==> flow/design.v <==
module mul_unit #(
    parameter BITS = 14
) (
    input  wire clk,
    input  wire resetn,
    input  wire [BITS-1:0] a_in,
    input  wire [BITS-1:0] b_in,
    output wire [2*BITS-1:0] p_out
);
    reg [BITS-1:0] a_ff;
    reg [BITS-1:0] b_ff;
    always @(posedge clk) begin
        if (~resetn) begin
            a_ff <= 0;
            b_ff <= 0;
        end else begin
            a_ff <= a_in;
            b_ff <= b_in;
        end
    end
    localparam H = BITS / 2;
    wire [BITS-1:0] ll;
    half_mul #(.N(H)) u (.a(a_ff[H-1:0]), .b(b_ff[H-1:0]), .p(ll));
    wire [BITS-1:0] lh;
    half_mul #(.N(H)) el (.a(a_ff[H-1:0]), .b(b_ff[BITS-1:H]), .p(lh));
    wire [BITS-1:0] hl;
    half_mul #(.N(H)) i_sub (.a(a_ff[BITS-1:H]), .b(b_ff[H-1:0]), .p(hl));
    wire [BITS-1:0] hh;
    half_mul #(.N(H)) u0 (.a(a_ff[BITS-1:H]), .b(b_ff[BITS-1:H]), .p(hh));
    wire [BITS:0] aux = lh + hl;
    reg [2*BITS-1:0] p_ff;
    always @(posedge clk) begin
        if (~resetn) begin
            p_ff <= 0;
        end else begin
            p_ff <= {hh, ll} + {aux, {H{1'b0}}};
        end
    end
    assign p_out = p_ff;
endmodule
module half_mul #(parameter N = 4) (
    input wire [N-1:0] a,
    input wire [N-1:0] b,
    output wire [2*N-1:0] p
);
    assign p = a * b;
endmodule
Ticket comment

* Tool chain data of mul_unit *
A sweep over "BITS": the same steps for each member of the family.
The RTL above is that of BITS = 14; lines are counted from 1 in the file of the member named.
Operators: Yosys type, input widths -> output width; for muxes data width and select width s.
Not given: -

set-up
  top module = mul_unit
  clock port = clk
  library = sky130hd
  timing corner = tt_025C_1v80

* Source of the members *
New or changed lines of each further member against the RTL above, in its own file; lines it lacks are not shown.

lines new or changed
  BITS  line  text
  18    2     parameter BITS = 18
  20    2     parameter BITS = 20

* Word-level counts *
Yosys after proc, flatten, opt, wreduce and memory -nomap, before mapping. Enables and synchronous resets that opt folds into registers are not counted as muxes. Memory bits, and registers merged into a memory's read port (data or address), are not among the register bits. Print and check cells are not counted. Equal cells are merged and count once.

bit counts
  BITS  flip-flop bits (word level)  latch bits  memory bits (writable)  bits in read-only memories  word width x clocked read ports  memory cells  input bits  output and inout bits  cells after elaboration
  14    56                           0           0                       0                           0                                0             30          28                     9
  18    72                           0           0                       0                           0                                0             38          36                     9
  20    80                           0           0                       0                           0                                0             42          40                     9

operators by class
  BITS  add/sub/neg operators  multiply operators  div/mod/pow operators  order comparisons  equality and inequality tests  shift-type cells  mux-type cells  bitwise operators  reduce/logical cells
  14    2                      4                   0                      0                  0                              0                 0               0                  0
  18    2                      4                   0                      0                  0                              0                 0               0                  0
  20    2                      4                   0                      0                  0                              0                 0               0                  0

operators by type and width
  BITS  kind and count
  14    $mul 7x7->14: 4; $add 28x22->28: 1; $add 14x14->15: 1
  18    $mul 9x9->18: 4; $add 36x28->36: 1; $add 18x18->19: 1
  20    $mul 10x10->20: 4; $add 40x31->40: 1; $add 20x20->21: 1

* Logic depth *
Longest topological path by Yosys (ltp), each cell counted once; first at word level (registers and memories cut), then after technology mapping (sequential cells cut; the memories' decode and read muxes count).

logic depth
  BITS  word-level depth  ABC_AREA  mapped depth  gate-level depth less buffers
  14    3                 0         28            27
  18    3                 0         31            29
  20    3                 0         32            31

* Mapped cells and area *
The flow's flattened synthesis, as Yosys stat reports it; memories are mapped. The netlist is that of the ABC_AREA named above (0 if unset); the other value can give another one.

mapped netlist
  BITS  cell count  mapped area (um^2)  area of sequential cells (um^2)  mapped flip-flops  buffers
  14    1003        8948.6              1121.1                           56                 35
  18    1507        13304.0             1441.4                           72                 52
  20    1910        16933.7             1601.5                           80                 90

cell types
  BITS  type and count
  14    sky130_fd_sc_hd__fa_1: 118; sky130_fd_sc_hd__ha_1: 140; sky130_fd_sc_hd__dfxtp_1: 56; sky130_fd_sc_hd__and2_1: 154; sky130_fd_sc_hd__inv_1: 174; sky130_fd_sc_hd__nand2_1: 101; sky130_fd_sc_hd__xnor2_1: 30; sky130_fd_sc_hd__clkbuf_1: 34; sky130_fd_sc_hd__a21oi_1: 25; sky130_fd_sc_hd__o21ai_0: 18; sky130_fd_sc_hd__nor2_1: 22; sky130_fd_sc_hd__xor2_1: 9; sky130_fd_sc_hd__a21o_1: 10; sky130_fd_sc_hd__nor2b_1: 12; sky130_fd_sc_hd__o21a_1: 10; sky130_fd_sc_hd__nor3_1: 7; sky130_fd_sc_hd__nor3_4: 2; sky130_fd_sc_hd__nand2b_1: 5; [+76]
  18    sky130_fd_sc_hd__fa_1: 228; sky130_fd_sc_hd__ha_1: 169; sky130_fd_sc_hd__dfxtp_1: 72; sky130_fd_sc_hd__and2_1: 183; sky130_fd_sc_hd__inv_1: 295; sky130_fd_sc_hd__nand2_1: 205; sky130_fd_sc_hd__xnor2_1: 26; sky130_fd_sc_hd__xor2_1: 26; sky130_fd_sc_hd__clkbuf_1: 52; sky130_fd_sc_hd__nor2_1: 48; sky130_fd_sc_hd__a21oi_1: 29; sky130_fd_sc_hd__nor3_1: 21; sky130_fd_sc_hd__o21ai_0: 20; sky130_fd_sc_hd__o21a_1: 13; sky130_fd_sc_hd__a21o_1: 10; sky130_fd_sc_hd__a211oi_1: 9; sky130_fd_sc_hd__nand3_1: 11; sky130_fd_sc_hd__o21bai_1: 6; [+84]
  20    sky130_fd_sc_hd__fa_1: 284; sky130_fd_sc_hd__ha_1: 232; sky130_fd_sc_hd__and2_1: 261; sky130_fd_sc_hd__dfxtp_1: 80; sky130_fd_sc_hd__inv_1: 359; sky130_fd_sc_hd__nand2_1: 225; sky130_fd_sc_hd__xnor2_1: 48; sky130_fd_sc_hd__clkbuf_1: 87; sky130_fd_sc_hd__a21oi_1: 55; sky130_fd_sc_hd__nor2_1: 55; sky130_fd_sc_hd__a21o_1: 21; sky130_fd_sc_hd__xor2_1: 18; sky130_fd_sc_hd__o21ai_0: 24; sky130_fd_sc_hd__nor3_1: 15; sky130_fd_sc_hd__nand3_1: 14; sky130_fd_sc_hd__o21bai_1: 9; sky130_fd_sc_hd__a211oi_1: 7; sky130_fd_sc_hd__and3_1: 8; [+108]

The mark [+n] counts cells that are not listed.
By module: a second synthesis without flattening, with its own total; a netlist apart from the flattened one above.

unflattened totals
  BITS  cells (unflattened synthesis)  area (unflattened synthesis) (um^2)
  14    1017                           9112.5
  18    1678                           14584.0
  20    2088                           17812.1

* Worst setup path after synthesis *
OpenSTA on the mapped netlist: ideal clock, no wires. The path of least setup slack (recovery checks aside). Input and output delay are each 20% of the period. Register names are those of the netlist, which keeps one name where synthesis merged equal registers.

timing after synthesis
  BITS  path type  from              to                 clock period (ns)  setup slack (ns)  stages  delay of the path (ns)  synthesis period reached (ns)
  14    reg2reg    register b_ff[1]  register p_ff[27]  8.64               1.728             27      6.913                   6.912
  18    reg2reg    register a_ff[6]  register p_ff[35]  8.81               1.760             28      7.050                   7.05
  20    reg2reg    register a_ff[5]  register p_ff[37]  9.63               1.929             30      7.701                   7.701

"delay of the path" = arrival - input delay + setup time.
"stages": output pins that drive a net of the path, with the launching flip-flop's if there is one; two outputs of one cell count as two.
"synthesis period reached" = period - worst setup slack (recovery checks aside). The figure is calculated, with input and output delays left at 20% of the set period.
The rows between start and end are the longest chain of elaborated cells between them; the timing report does not say that the signal goes this way. Where chains are equally long, one stands for them.
Each line given opens the expression or statement behind the cell; cells for indexed reads and writes are added by Yosys, which also makes memories of some case tables.

between the ends, after synthesis, BITS = 14
  cells in the longest elaborated chain = 3

RTL lines, path after synthesis, BITS = 14
  element             line  text
  start: declaration  11    reg [BITS-1:0] b_ff;
  start: assignment   15    b_ff <= 0;
  start: assignment   18    b_ff <= b_in;
  $mul 7x7->14        46    assign p = a * b;
  $add 14x14->15      30    wire [BITS:0] aux = lh + hl;
  $add 28x22->28      36    p_ff <= {hh, ll} + {aux, {H{1'b0}}};
  end: assignment     34    p_ff <= 0;
  end: assignment     36
  end: declaration    31    reg [2*BITS-1:0] p_ff;

between the ends, after synthesis, BITS = 20
  cells in the longest elaborated chain = 3

RTL lines, path after synthesis, BITS = 20
  element             line  text
  start: declaration  10    reg [BITS-1:0] a_ff;
  start: assignment   14    a_ff <= 0;
  start: assignment   17    a_ff <= a_in;
  $mul 10x10->20      46    assign p = a * b;
  $add 20x20->21      30    wire [BITS:0] aux = lh + hl;
  $add 40x31->40      36    p_ff <= {hh, ll} + {aux, {H{1'b0}}};
  end: assignment     34    p_ff <= 0;
  end: assignment     36
  end: declaration    31    reg [2*BITS-1:0] p_ff;

* Worst path after layout *
From the final timing report of the run of each member: the path of least setup slack in the routed layout; clock arrival at registers is part of the times.

timing post-layout
  BITS  path type  from               to                 clock period (ns)  setup slack (ns)  stages  arrival (ns)  path buffers
  14    reg2reg    register a_ff[9]   register p_ff[27]  8.64               1.31              25      7.54          0
  18    reg2reg    register b_ff[12]  register p_ff[35]  8.81               0.90              26      8.19          0
  20    reg2reg    register b_ff[2]   register p_ff[37]  9.63               0.91              31      9.05          0

* Measured runs *
One run of the flow (Yosys, OpenROAD) for each member, with settings and measured results. Input and output delays are each 20% of the period that was set; the output load is 0.01 pF.

settings
  CAP_MARGIN = 20
  CORE_MARGIN = 2
  CORE_UTILIZATION = 40
  SLEW_MARGIN = 20

settings that differ
  BITS  period_ns
  14    8.64
  18    8.81
  20    9.63

final reports
  BITS  cell area after synthesis (um^2)  full die area (um^2)  standard-cell area after routing (um^2)  utilization (%)  setup slack of the worst path (ns)  sum of negative setup slack (ns)  worst hold slack in the final report (ns)  total power after layout (uW)  clock period achieved (ns)
  14    8948.6                            23583.7               9874.5                                   45.1             1.307                               0.000                             0.727                                      1072                           7.333
  18    13304.0                           34735.6               14791.7                                  45.3             0.899                               0.000                             0.727                                      1911                           7.911
  20    16933.7                           43997.2               18589.1                                  44.4             0.908                               0.000                             0.869                                      2302                           8.722

"clock period achieved" is the run's clock period less its worst setup slack. It is reckoned from that one timing run; input and output delays stay at 20% of the period that was set.
"total power after layout" is the tool's figure for a default switching activity; nothing was simulated.
